==> flow/design.v <==
module selector_mod (i_clk, resetn, ch_0, ch_1, ch_2, ch_3, ch_4, ch_5, pick, out);
  parameter DW = 8;
  input i_clk;
  input resetn;
  input [DW-1:0] ch_0;
  input [DW-1:0] ch_1;
  input [DW-1:0] ch_2;
  input [DW-1:0] ch_3;
  input [DW-1:0] ch_4;
  input [DW-1:0] ch_5;
  input [4:0] pick;
  output reg [DW-1:0] out;
  reg [DW-1:0] work;
  always @(*) begin
    casez (pick)
      5'b????1: work = ch_0;
      5'b???10: work = ch_1;
      5'b??100: work = ch_2;
      5'b?1000: work = ch_3;
      5'b10000: work = ch_4;
      default: work = ch_5;
    endcase
  end
  always @(posedge i_clk or negedge resetn) begin
    if (!resetn) begin
      out <= 0;
    end else begin
      out <= work;
    end
  end
endmodule
# Reports on selector_mod

Tool output for the design above, in the order of the flow.
Lines are those of the file above, counted from 1.
Operators: Yosys type, input widths -> output width; for muxes data width and select width s.
Library cell names are shortened.
A cell with -- has no value.

Top: selector_mod
Clock: i_clk
Cell library: sky130hd
Corner: tt_025C_1v80

# After elaboration

Source: Yosys, flattened and elaborated, memories not mapped. Widths are those after wreduce; folded enables and synchronous resets count as part of the registers. Registers that Yosys merges into a memory's read port (data or address) are not register bits. Print and check cells do not count. Equal cells are merged and count once.

Equal/unequal tests: 4
Multiplexer cells: 1

Operators by type and width:

| cell               | number |
| $pmux 8 s5         | 1 |
| $eq 5x5->1 const B | 1 |
| $eq 4x4->1 const B | 1 |
| $eq 3x3->1 const B | 1 |
| $eq 2x2->1 const B | 1 |

Bits in registers: 8
Input port bits: 55
Output and inout bits: 8
Cells after elaboration: 6

# Depth

Longest topological path by Yosys (ltp), each cell counted once; first at word level (registers and memories cut), then after technology mapping (sequential cells cut; the memories' decode and read muxes count).

Depth in word-level cells: 2
ABC_AREA: 0
Depth in mapped cells: 5
Gate-level depth less buffers: 3

# Mapped cells and area

The flow's flattened synthesis, as Yosys stat reports it; memories are mapped. The netlist is that of the ABC_AREA named above (0 if unset); the other value can give another one.
Totals and module areas in this step are rounded.

Standard cells after synthesis: 73
Synthesis area: 670 sq um
Area of sequential cells: 200 sq um
Flip-flop cells: 8
Buffer cells: 6

Cell types:

| cell type | number | total area (sq um) |
| dfrtp_1   | 8      | 200.192 |
| a22o_1    | 8      | 70.067 |
| a2bb2oi_1 | 8      | 70.067 |
| a22oi_1   | 8      | 60.058 |
| nand3b_1  | 8      | 60.058 |
| nand2b_1  | 9      | 56.304 |
| a21oi_1   | 8      | 40.038 |
| inv_1     | 8      | 30.029 |
| nor4b_4   | 1      | 23.773 |
| nor4_4    | 1      | 21.27 |
| buf_2     | 4      | 20.019 |
| buf_6     | 1      | 11.261 |
| clkbuf_1  | 1      | 3.754 |

# Worst setup path after synthesis

Path of least setup slack by OpenSTA after synthesis, without wires, with an ideal clock, recovery checks aside; 20% of the period is set as input and as output delay. Where synthesis merged equal registers, the netlist keeps one of their names.

Kind: input port to flip-flop
Start: input pick[2]
End: register out[0]
Period: 1610 ps
External input delay: 322 ps
Setup time: 124 ps
Time at the first pin: 322 ps
Data arrival time: 1231 ps
Required time: 1486 ps
Setup slack: 255 ps
Delay of the path: 1033 ps
Stages: 5
Buffers on the path: 2
Period reached after synthesis: 1355 ps

"delay of the path" is the arrival time less input delay plus setup time.
"stages" counts driving pins, that of a launching flip-flop among them; a cell with two outputs on the path counts twice.
"period reached after synthesis" = period - worst setup slack (recovery checks aside). The figure is calculated, with input and output delays left at 20% of the set period.
The rows between start and end are the longest chain of elaborated cells between them; the timing report does not say that the signal goes this way. Where chains are equally long, one stands for them.
Each line given opens the expression or statement behind the cell; cells for indexed reads and writes are added by Yosys, which also makes memories of some case tables.

Cell sequence: buf_6 nor4_4 nand2b_1 buf_2 a2bb2oi_1
Length of the longest elaborated chain: 2
Elaborated cells between the ends (all ways): 4
Source lines of those cells: 1
Those cells by class: eq/ne: 3; mux: 1

RTL lines, path post-synthesis:

| item        | RTL line | RTL |
| from (decl) | 11       | `input [4:0] pick;` |
| $eq 5x5->1  | 15       | `casez (pick)` |
| $pmux 8 s5  | 15       |  |
| to (assign) | 26       | `out <= 0;` |
| to (assign) | 28       | `out <= work;` |
| to (decl)   | 12       | `output reg [DW-1:0] out;` |

# Timing after layout

Path of least setup slack in the final report of entry B (OpenROAD, finished layout, wires in). Where an end is a register, its clock arrival counts in the times.
The report prints the path's times to 10 ps; the period is as set.

Kind: input port to flip-flop
Start: input pick[2]
End: register out[2]
Period: 1610 ps
External input delay: 320 ps
Setup time: 90 ps
Time at the first pin: 320 ps
Data arrival time: 1650 ps
Required time: 1770 ps
Setup slack: 120 ps
Stages: 5
Buffers on the path: 2

The rows between start and end are the longest chain of elaborated cells between them; the timing report does not say that the signal goes this way. Where chains are equally long, one stands for them.

Cell sequence: clkdlybuf4s50_1 nor4_4 buf_4 a22oi_1 a2bb2oi_1
Length of the longest elaborated chain: 2
Elaborated cells between the ends (all ways): 4
Source lines of those cells: 1
Those cells by class: eq/ne: 3; mux: 1

RTL lines, path post-layout:

| item        | RTL line | RTL |
| from (decl) | 11       | `input [4:0] pick;` |
| $eq 5x5->1  | 15       | `casez (pick)` |
| $pmux 8 s5  | 15       |  |
| to (assign) | 26       | `out <= 0;` |
| to (assign) | 28       | `out <= work;` |
| to (decl)   | 12       | `output reg [DW-1:0] out;` |

Subject: flow runs of selector_mod

Hi,

Top module selector_mod; platform sky130hd; tools Yosys and OpenROAD; 3 stored runs in no particular order. Input and output delays are each 20% of the period that was set; the output load is 0.01 pF.
"worst path time": the worst setup path's part of the clock period (all of it between registers, 20% less for each end at a port) less its slack. A launch clock that arrives late makes it longer, a capture clock that arrives late makes it shorter.
"worst path time" is given in steps of 10 ps.
The results are shown rounded.
Among the settings, -- means not set for that run.
Results: -- = not shown.

| setting or result                       | entry A | entry B                 | entry C |
| period_ns                               | 1.2     | 1.61                    | 1.22    |
| CORE_UTILIZATION                        | 50      | 40                      | 39      |
| PLACE_DENSITY_LB_ADDON                  | 0.15    | --                      | 0.02    |
| CORE_MARGIN                             | 6       | 2                       | 8       |
| CELL_PAD_IN_SITES_GLOBAL_PLACEMENT      | 2       | --                      | 2       |
| CELL_PAD_IN_SITES_DETAIL_PLACEMENT      | 0       | --                      | --      |
| GPL_TIMING_DRIVEN                       | 1       | --                      | --      |
| GPL_ROUTABILITY_DRIVEN                  | 1       | --                      | --      |
| CTS_CLUSTER_SIZE                        | 16      | --                      | 31      |
| MAX_ROUTING_LAYER                       | met4    | --                      | --      |
| CAP_MARGIN                              | 20      | 20                      | 20      |
| SLEW_MARGIN                             | 20      | 20                      | 30      |
| SETUP_SLACK_MARGIN                      | --      | --                      | 0.13    |
| ABC_AREA                                | --      | --                      | 0       |
| post-synthesis cell area (sq um)        | --      | 670                     | --      |
| overall die area (sq um)                | --      | 2000                    | --      |
| standard-cell area after layout (sq um) | --      | 1300                    | --      |
| worst setup slack after layout (ps)     | --      | 120                     | --      |
| summed negative setup slack (ps)        | --      | 0                       | --      |
| worst path time (ps)                    | --      | 1160                    | --      |
| worst setup path type                   | --      | input port to flip-flop | --      |

Entry A: did not finish, placement stopped with FLW-0024
Entry C: did not finish, placement stopped with FLW-0024

Regards
